==> flow/design.v <==
module core_data_mux_top #(
    parameter DATA_WIDTH = 20
) (
    input  wire sys_clk,
    input  wire RSTN,
    input  wire [DATA_WIDTH-1:0] i_data_0,
    input  wire [DATA_WIDTH-1:0] i_data_1,
    input  wire [DATA_WIDTH-1:0] i_data_2,
    input  wire [1:0] i_select,
    output wire [DATA_WIDTH-1:0] o_out
);
    reg [DATA_WIDTH-1:0] tmp;
    always @* begin
        if (i_select == 0) tmp = i_data_0;
        else if (i_select == 1) tmp = i_data_1;
        else tmp = i_data_2;
    end
    reg [DATA_WIDTH-1:0] out_reg;
    always @(posedge sys_clk) begin
        if (!RSTN) begin
            out_reg <= 0;
        end else begin
            out_reg <= tmp;
        end
    end
    assign o_out = out_reg;
endmodule
Reports on core_data_mux_top
The steps from the RTL of core_data_mux_top to its reports follow in flow order.
Lines are those of the file above, counted from 1.
Operators carry their Yosys type and port widths (W data, S select, Z words).
A cell with -- has no value.

set-up
  top module = core_data_mux_top
  clock = sys_clk
  cell library = sky130hd
  corner = tt_025C_1v80

Elaborated design
Source: Yosys, flattened and elaborated, memories not mapped. Widths are those after wreduce; folded enables and synchronous resets count as part of the registers. Registers that Yosys merges into a memory's read port (data or address) are not register bits. Print and check cells do not count. Equal cells are merged and count once.

cells by class
  add/subtract/negate cells = 0
  mux-type cells = 2
  reductions and logical operators = 1
  bitwise gates (word level) = 0
  div/mod/pow operators = 0
  $mul = 0
  shift operators = 0
  eq/ne operators = 1
  magnitude comparators = 0

operators by type and width
  operator              count
  $mux W20              2
  $eq A2 B1 Y1 const B  1
  $logic_not A2 Y1      1

word-level totals
  word width x clocked read ports = 0
  bits in latches = 0
  flip-flop bits (word level) = 20
  memory cells = 0
  word-level cells = 5
  memory bits (read-only) = 0
  RAM bits = 0
  input port bits = 64
  output and inout port bits = 20

Depth
Depth = most cells in a row (Yosys ltp): at word level without a register or memory, in the mapped netlist without a sequential cell, where the memories' decode and read muxes count.

depth
  depth in word-level cells = 3
  ABC_AREA = 1
  mapped depth = 6
  gate-level depth less buffers = 5

Synthesis result
Source: synth_stat.txt of the flow (Yosys; design flattened, memories mapped). It holds for the ABC_AREA given above (unset counts as 0); a run with the other value may have another netlist.
The area totals of this step are shown rounded.

cells by type
  cell type                 count  area in all (µm²)
  sky130_fd_sc_hd__dfxtp_1  20     400.384
  sky130_fd_sc_hd__nand3_2  40     400.384
  sky130_fd_sc_hd__nand2_1  60     225.216
  sky130_fd_sc_hd__inv_1    20     75.072
  sky130_fd_sc_hd__buf_6    4      45.043
  sky130_fd_sc_hd__buf_4    4      30.029
  sky130_fd_sc_hd__buf_8    2      30.029
  sky130_fd_sc_hd__nor2_2   1      6.256
  sky130_fd_sc_hd__inv_2    1      3.754

mapped netlist
  sequential part of the area = 400 µm²
  flip-flop cells = 20
  chip area (Yosys) = 1200 µm²
  cells in the netlist = 152
  buffers = 10

Timing after synthesis
OpenSTA on the mapped netlist: ideal clock, no wires. The path of least setup slack (recovery checks aside). Input and output delay are each 20% of the period. Register names are those of the netlist, which keeps one name where synthesis merged equal registers.

path post-synthesis
  path type = input to register
  start point = input port i_select[0]
  end point = register out_reg[0]
  driving pins on the path = 6
  time at the first pin = 0.232 ns
  setup slack = 0.428 ns
  required time = 1.104 ns
  delay of the path = 0.501 ns
  setup time = 0.056 ns
  external input delay = 0.232 ns
  arrival time = 0.677 ns
  period = 1.16 ns
  buffers on the path = 1
  synthesis period reached = 0.732 ns

"delay of the path" is the arrival time less input delay plus setup time.
"driving pins on the path" counts driving pins, that of a launching flip-flop among them; a cell with two outputs on the path counts twice.
"synthesis period reached" = period - worst setup slack (recovery checks aside). The figure is calculated, with input and output delays left at 20% of the set period.
Between the ends stands the longest chain of elaborated cells between them, by number of cells; it is not shown to be the way that was timed. Of several equally long chains one is given.
Each line given opens the expression or statement behind the cell; cells for indexed reads and writes are added by Yosys, which also makes memories of some case tables.

between the ends, post-synthesis
  cell sequence = sky130_fd_sc_hd__nor2_2 sky130_fd_sc_hd__buf_6 sky130_fd_sc_hd__nand2_1 sky130_fd_sc_hd__nand3_2 sky130_fd_sc_hd__nand2_1 sky130_fd_sc_hd__inv_1
  cells in the longest elaborated chain = 3
  elaborated cells between the ends (all ways) = 4
  RTL lines with such cells = 2
  classes of those cells = eq/ne (1); mux (2); reduce/logical (1)

RTL lines, path post-synthesis
  what             RTL line  RTL
  start, declared  9         input  wire [1:0] i_select,
  $eq A2 B1 Y1     15        else if (i_select == 1) tmp = i_data_1;
  $mux W20         15
  $mux W20         14        if (i_select == 0) tmp = i_data_0;
  end, assigned    21        out_reg <= 0;
  end, assigned    23        out_reg <= tmp;
  end, declared    18        reg [DATA_WIDTH-1:0] out_reg;

Timing after layout
Path of least setup slack in the final report of run 1 (OpenROAD, finished layout, wires in). Where an end is a register, its clock arrival counts in the times.

path after layout
  path type = register to output
  start point = register out_reg[2]
  end point = output port o_out[2]
  external output delay = 0.21 ns
  time at the first pin = 0.30 ns
  setup slack = 0.06 ns
  period = 1.04 ns
  buffers on the path = 1
  arrival time = 0.77 ns
  driving pins on the path = 2
  required time = 0.83 ns

between the ends, after layout
  cell sequence = sky130_fd_sc_hd__dfxtp_2 sky130_fd_sc_hd__buf_2
  cells in the longest elaborated chain = 0
  elaborated cells between the ends (all ways) = 0
  RTL lines with such cells = 0

RTL lines, path after layout
  what             RTL line  RTL
  start, declared  18        reg [DATA_WIDTH-1:0] out_reg;
  start, assigned  21        out_reg <= 0;
  start, assigned  23        out_reg <= tmp;
  end, declared    10        output wire [DATA_WIDTH-1:0] o_out

Subject: core_data_mux_top on sky130hd, stored results

Hello all,

core_data_mux_top through Yosys and OpenROAD on sky130hd: 3 stored runs, unordered, with their settings and measured results. The constraints put input and output delay at 20% of the set period each and load the outputs with 0.01 pF.
By "achieved period" is meant the clock period of the run minus its worst setup slack. This is arithmetic on one report: input and output delays are still those of the set period (20% each).
"worst setup path time" is the time allowed to the run's worst setup path (the clock period less input and output delay, where it has them) less its slack. Clock arrival times count: a late capture clock shortens it, a late launch clock lengthens it.
The results are shown rounded.
Settings: n/a = not set for that run.
Results: n/a = not shown.

setting or result                             run 1               run 2              run 3
period_ns                                     1.04                1.16               1.65
CORE_UTILIZATION                              44                  40                 61
PLACE_DENSITY                                 0.47                n/a                0.81
ABC_AREA                                      1                   n/a                n/a
SLEW_MARGIN                                   20                  20                 20
MIN_ROUTING_LAYER                             met1                n/a                n/a
CAP_MARGIN                                    20                  20                 20
CORE_MARGIN                                   2                   2                  2
HOLD_SLACK_MARGIN                             n/a                 n/a                -0.08
CTS_CLUSTER_SIZE                              n/a                 n/a                20
worst setup path time (ns)                    0.77                0.89               n/a
critical path type                            register to output  input to register  n/a
standard-cell area of the final layout (µm²)  2000                2100               n/a
die area (µm²)                                3200                3100               n/a
worst-case hold slack (ns)                    0.53                0.60               n/a
lowest setup slack (ns)                       0.064               0.039              n/a
post-synthesis cell area (µm²)                1200                1100               n/a
achieved period (ns)                          0.976               1.121              n/a
post-route utilization (%)                    74                  82                 n/a

Run 3: incomplete, placement halted on GPL-0301

Thanks
